==> flow/design.v <==
module alu_storage_mod (clk, in_wen, in_waddr, in_din, in_ra, out_q);
  parameter WORDS = 6;
  parameter DWIDTH = 64;
  parameter NUM_RD = 6;
  localparam AW = $clog2(WORDS);
  input clk;
  input in_wen;
  input [AW-1:0] in_waddr;
  input [DWIDTH-1:0] in_din;
  input [NUM_RD*AW-1:0] in_ra;
  output [NUM_RD*DWIDTH-1:0] out_q;
  reg wen_r;
  reg [AW-1:0] waddr_r;
  reg [DWIDTH-1:0] din_r;
  always @(posedge clk) begin
    wen_r <= in_wen;
    waddr_r <= in_waddr;
    din_r <= in_din;
  end
  reg [DWIDTH-1:0] bank [WORDS-1:0];
  always @(posedge clk) begin
    if (wen_r)
      bank[waddr_r] <= din_r;
  end
  reg [NUM_RD*AW-1:0] ra_r;
  always @(posedge clk) begin
    ra_r <= in_ra;
  end
  wire [NUM_RD*DWIDTH-1:0] nxt;
  genvar m;
  generate
    for (m = 0; m < NUM_RD; m = m + 1) begin : lane
      assign nxt[m*DWIDTH +: DWIDTH] = bank[ra_r[m*AW +: AW]];
    end
  endgenerate
  assign out_q = nxt;
endmodule
# Reports on alu_storage_mod
# Tool output for the design above, in the order of the flow.
# Lines are those of the file above, counted from 1.
# Cell names lack the library's common part.
# Not given: -
dict set report setup {
  top_module {alu_storage_mod}
  clock {clk}
  lib {sky130hd}
  pvt_corner {tt_025C_1v80}
}

# After elaboration
# Source: Yosys, flattened and elaborated, memories not mapped. Widths are those after wreduce; folded enables and synchronous resets count as part of the registers. Registers that Yosys merges into a memory's read port (data or address) are not register bits. Print and check cells do not count. Equal cells are merged and count once.
# Memory sizes are those after Yosys's memory passes, which may raise the word count (mostly to a power of two), join words into wider ones and drop unused or constant bits.
dict set report bits {
  mem_bits_rw 384
  wordCells 7
  regBits 68
  clocked_rd_ports_x_width 384
  mem_count 1
  out_inout_bits 384
}
dict set report op_classes {
  muxes 3
}
# memory words width rd wr line
set mem_list {}
lappend mem_list {bank 6 64 6 1 20} ;# reg [DWIDTH-1:0] bank [WORDS-1:0];
# op count
set ops {}
lappend ops {{64-bit 2-to-1 mux} 1}
lappend ops {{3-bit 2-to-1 mux} 1}
lappend ops {{1-bit 2-to-1 mux} 1}

# Longest topological paths
# Longest topological path by Yosys (ltp), each cell counted once; first at word level (registers and memories cut), then after technology mapping (sequential cells cut; the memories' decode and read muxes count).
dict set report logic_depth {
  depth_word 1
  abc_area 0
  ltp_mapped 6
}

# Synthesis result
# The flow's flattened synthesis, as Yosys stat reports it; memories are mapped. The netlist is that of the ABC_AREA named above (0 if unset); the other value can give another one.
dict set report synth_totals {
  seqArea_um2 13252.7
  ff_cells 470
  area_um2 31834.3
  cell_count 1943
}
# cell_type count
set types {}
lappend types {edfxtp_1 384}
lappend types {mux4_2 320}
lappend types {mux2_2 518}
lappend types {mux2i_1 192}
lappend types {dfxtp_1 86}
lappend types {mux2_1 122}
lappend types {buf_6 70}
lappend types {a22o_1 64}
lappend types {a21oi_1 64}
lappend types {buf_2 46}
lappend types {clkbuf_1 55}
lappend types {buf_4 10}
lappend types {nand2b_1 2}
lappend types {nor2_1 3}
lappend types {and4b_1 1}
lappend types {nor3_1 2}
lappend types {nor3b_1 1}
lappend types {nor2b_1 1}
# Other cell types: 2; their cells: 2.

# Timing after synthesis
# Path of least setup slack by OpenSTA after synthesis, without wires, with an ideal clock, recovery checks aside; 20% of the period is set as input and as output delay. Where synthesis merged equal registers, the netlist keeps one of their names.
dict set report synth_path {
  kind {flip-flop to flip-flop}
  start {register waddr_r[1]}
  end {memory bank[4][0]}
  tclk_ps 7170
  n_path_buf 0
  delay_ps 5738
  launch_ps 0
  driving_pins 3
  path_slack_ps 1433
  setup_ps 578
  arrival_time_ps 5160
  t_required_ps 6592
  period_less_setup_slack_ps 5737
}
# "delay_ps" = arrival - input delay + setup time.
# "driving_pins" counts driving pins, that of a launching flip-flop among them; a cell with two outputs on the path counts twice.
# "period_less_setup_slack_ps" is the clock period less the worst setup slack; recovery checks do not enter. This is arithmetic on one report: input and output delays are still those of the set period (20% each).
# The rows between start and end are the longest chain of elaborated cells between them; the timing report does not say that the signal goes this way. Where chains are equally long, one stands for them.
# A line is the first line of the expression or statement that the cell stems from. Yosys adds cells for indexed reads and writes and turns some case tables into memories.
dict set report synth_between {
  cell_sequence {dfxtp_1 nand2b_1 nor3b_1}
  elab_chain_cells 1
}
# item line
set synth_lines {}
lappend synth_lines {{start: declaration} 13} ;# reg [AW-1:0] waddr_r;
lappend synth_lines {{start: assignment} 17} ;# waddr_r <= in_waddr;
lappend synth_lines {{3-bit 2-to-1 mux} 22} ;# if (wen_r)
lappend synth_lines {{end: declaration} 20} ;# reg [DWIDTH-1:0] bank [WORDS-1:0];

# Path in the finished layout
# From the final timing report of run B: the path of least setup slack in the routed layout; clock arrival at registers is part of the times.
# The report prints the path's times to 10 ps; the period is as set.
dict set report layout_path {
  kind {flip-flop to output port}
  start {register (name not given)}
  end {output out_q[315]}
  output_delay_ps 1430
  t_required_ps 5740
  arrival_time_ps 3730
  n_path_buf 2
  driving_pins 5
  tclk_ps 7170
  path_slack_ps 2000
  launch_ps 620
}
dict set report layout_between {
  cell_sequence {dfxtp_4 buf_12 mux2_2 mux4_2 clkdlybuf4s50_1}
}
# item line
set layout_lines {}
lappend layout_lines {{end: declaration} 11} ;# output [NUM_RD*DWIDTH-1:0] out_q;
# Chain of elaborated cells between the ends: none given.

Add stored flow runs of alu_storage_mod

Measured data: module alu_storage_mod, platform sky130hd, 3 stored runs of the flow under differing settings, order arbitrary. Input and output delays are each 20% of the period that was set; the output load is 0.01 pF.
"achieved_clock_period_ps" is the run's clock period less its worst setup slack. It is reckoned from that one timing run; input and output delays stay at 20% of the period that was set.
By "worst_path_ps" is meant the share of the clock period that the worst setup path is allowed (20% is reserved at inputs, 20% at outputs), minus its slack. Clock arrival times at its registers enter into it.
"worst_path_ps" is known to 10 ps.

[flow] run A: files
==> flow/run.sh <==
#!/bin/bash
# the make line also repeats the synthesis and layout settings of config.mk as NAME=value (left out here)
make -C /OpenROAD-flow-scripts/flow DESIGN_CONFIG=/design/flow/config.mk WORK_HOME=/design/flow/orfs CLKGATE_MAP_FILE= finish
==> flow/config.mk <==
export PLATFORM = sky130hd
export DESIGN_NAME = alu_storage_mod
export DESIGN_NICKNAME = alu_storage_mod
export VERILOG_FILES = /design/flow/design.v
export SDC_FILE = /design/flow/constraint.sdc
export NUM_CORES = 4
export LEC_CHECK = 0
export CAP_MARGIN = 20
export CELL_PAD_IN_SITES_DETAIL_PLACEMENT = 1
export CORE_MARGIN = 2
export CORE_UTILIZATION = 61
export CTS_CLUSTER_SIZE = 17
export GPL_ROUTABILITY_DRIVEN = 0
export MIN_ROUTING_LAYER = met1
export PLACE_DENSITY_LB_ADDON = 0.26
export SETUP_SLACK_MARGIN = -0.08
export SLEW_MARGIN = 20
export TNS_END_PERCENT = 25
==> flow/constraint.sdc <==
create_clock -name core_clock -period 4.15 [get_ports {clk}]
set_input_delay 0.8300 -clock core_clock [delete_from_list [all_inputs] [get_ports {clk}]]
set_output_delay 0.8300 -clock core_clock [all_outputs]
set_load 0.01 [all_outputs]

[flow] run A: did not finish, routing stopped with ODB-0269

[flow] run B: files
==> flow/run.sh <==
#!/bin/bash
# the make line also repeats the synthesis and layout settings of config.mk as NAME=value (left out here)
make -C /OpenROAD-flow-scripts/flow DESIGN_CONFIG=/design/flow/config.mk WORK_HOME=/design/flow/orfs CLKGATE_MAP_FILE= finish
==> flow/config.mk <==
export PLATFORM = sky130hd
export DESIGN_NAME = alu_storage_mod
export DESIGN_NICKNAME = alu_storage_mod
export VERILOG_FILES = /design/flow/design.v
export SDC_FILE = /design/flow/constraint.sdc
export NUM_CORES = 4
export LEC_CHECK = 0
export CAP_MARGIN = 20
export CORE_MARGIN = 2
export CORE_UTILIZATION = 40
export SLEW_MARGIN = 20
==> flow/constraint.sdc <==
create_clock -name core_clock -period 7.17 [get_ports {clk}]
set_input_delay 1.4340 -clock core_clock [delete_from_list [all_inputs] [get_ports {clk}]]
set_output_delay 1.4340 -clock core_clock [all_outputs]
set_load 0.01 [all_outputs]

[flow] run B: metrics
[metrics] ys_area_um2 = 31834.3
[metrics] design.die.area_um2 = 81858.9
[metrics] stdcell_area_um2 = 38943.6
[metrics] layout_utilization_pct = 49.4
[metrics] worst_setup_slack_ps = 2002
[metrics] achieved_clock_period_ps = 5168
[metrics] worst_path_ps = 3730
[metrics] critical_path_kind = flip-flop to output port

[flow] run C: files
==> flow/run.sh <==
#!/bin/bash
# the make line also repeats the synthesis and layout settings of config.mk as NAME=value (left out here)
make -C /OpenROAD-flow-scripts/flow DESIGN_CONFIG=/design/flow/config.mk WORK_HOME=/design/flow/orfs CLKGATE_MAP_FILE= finish
==> flow/config.mk <==
export PLATFORM = sky130hd
export DESIGN_NAME = alu_storage_mod
export DESIGN_NICKNAME = alu_storage_mod
export VERILOG_FILES = /design/flow/design.v
export SDC_FILE = /design/flow/constraint.sdc
export NUM_CORES = 4
export LEC_CHECK = 0
export CAP_MARGIN = 20
export CELL_PAD_IN_SITES_DETAIL_PLACEMENT = 0
export CELL_PAD_IN_SITES_GLOBAL_PLACEMENT = 2
export CORE_ASPECT_RATIO = 1.79
export CORE_MARGIN = 4
export CORE_UTILIZATION = 15
export CTS_CLUSTER_DIAMETER = 59
export GPL_ROUTABILITY_DRIVEN = 1
export PLACE_DENSITY = 0.85
export SLEW_MARGIN = 20
export TNS_END_PERCENT = 10
==> flow/constraint.sdc <==
create_clock -name core_clock -period 7.57 [get_ports {clk}]
set_input_delay 1.5140 -clock core_clock [delete_from_list [all_inputs] [get_ports {clk}]]
set_output_delay 1.5140 -clock core_clock [all_outputs]
set_load 0.01 [all_outputs]

[flow] run C: metrics
[metrics] ys_area_um2 = 31834.3
[metrics] design.die.area_um2 = 219977.0
[metrics] stdcell_area_um2 = 41233.3
[metrics] layout_utilization_pct = 19.5
[metrics] worst_setup_slack_ps = 2236
[metrics] achieved_clock_period_ps = 5334
[metrics] worst_path_ps = 3820
[metrics] critical_path_kind = flip-flop to output port
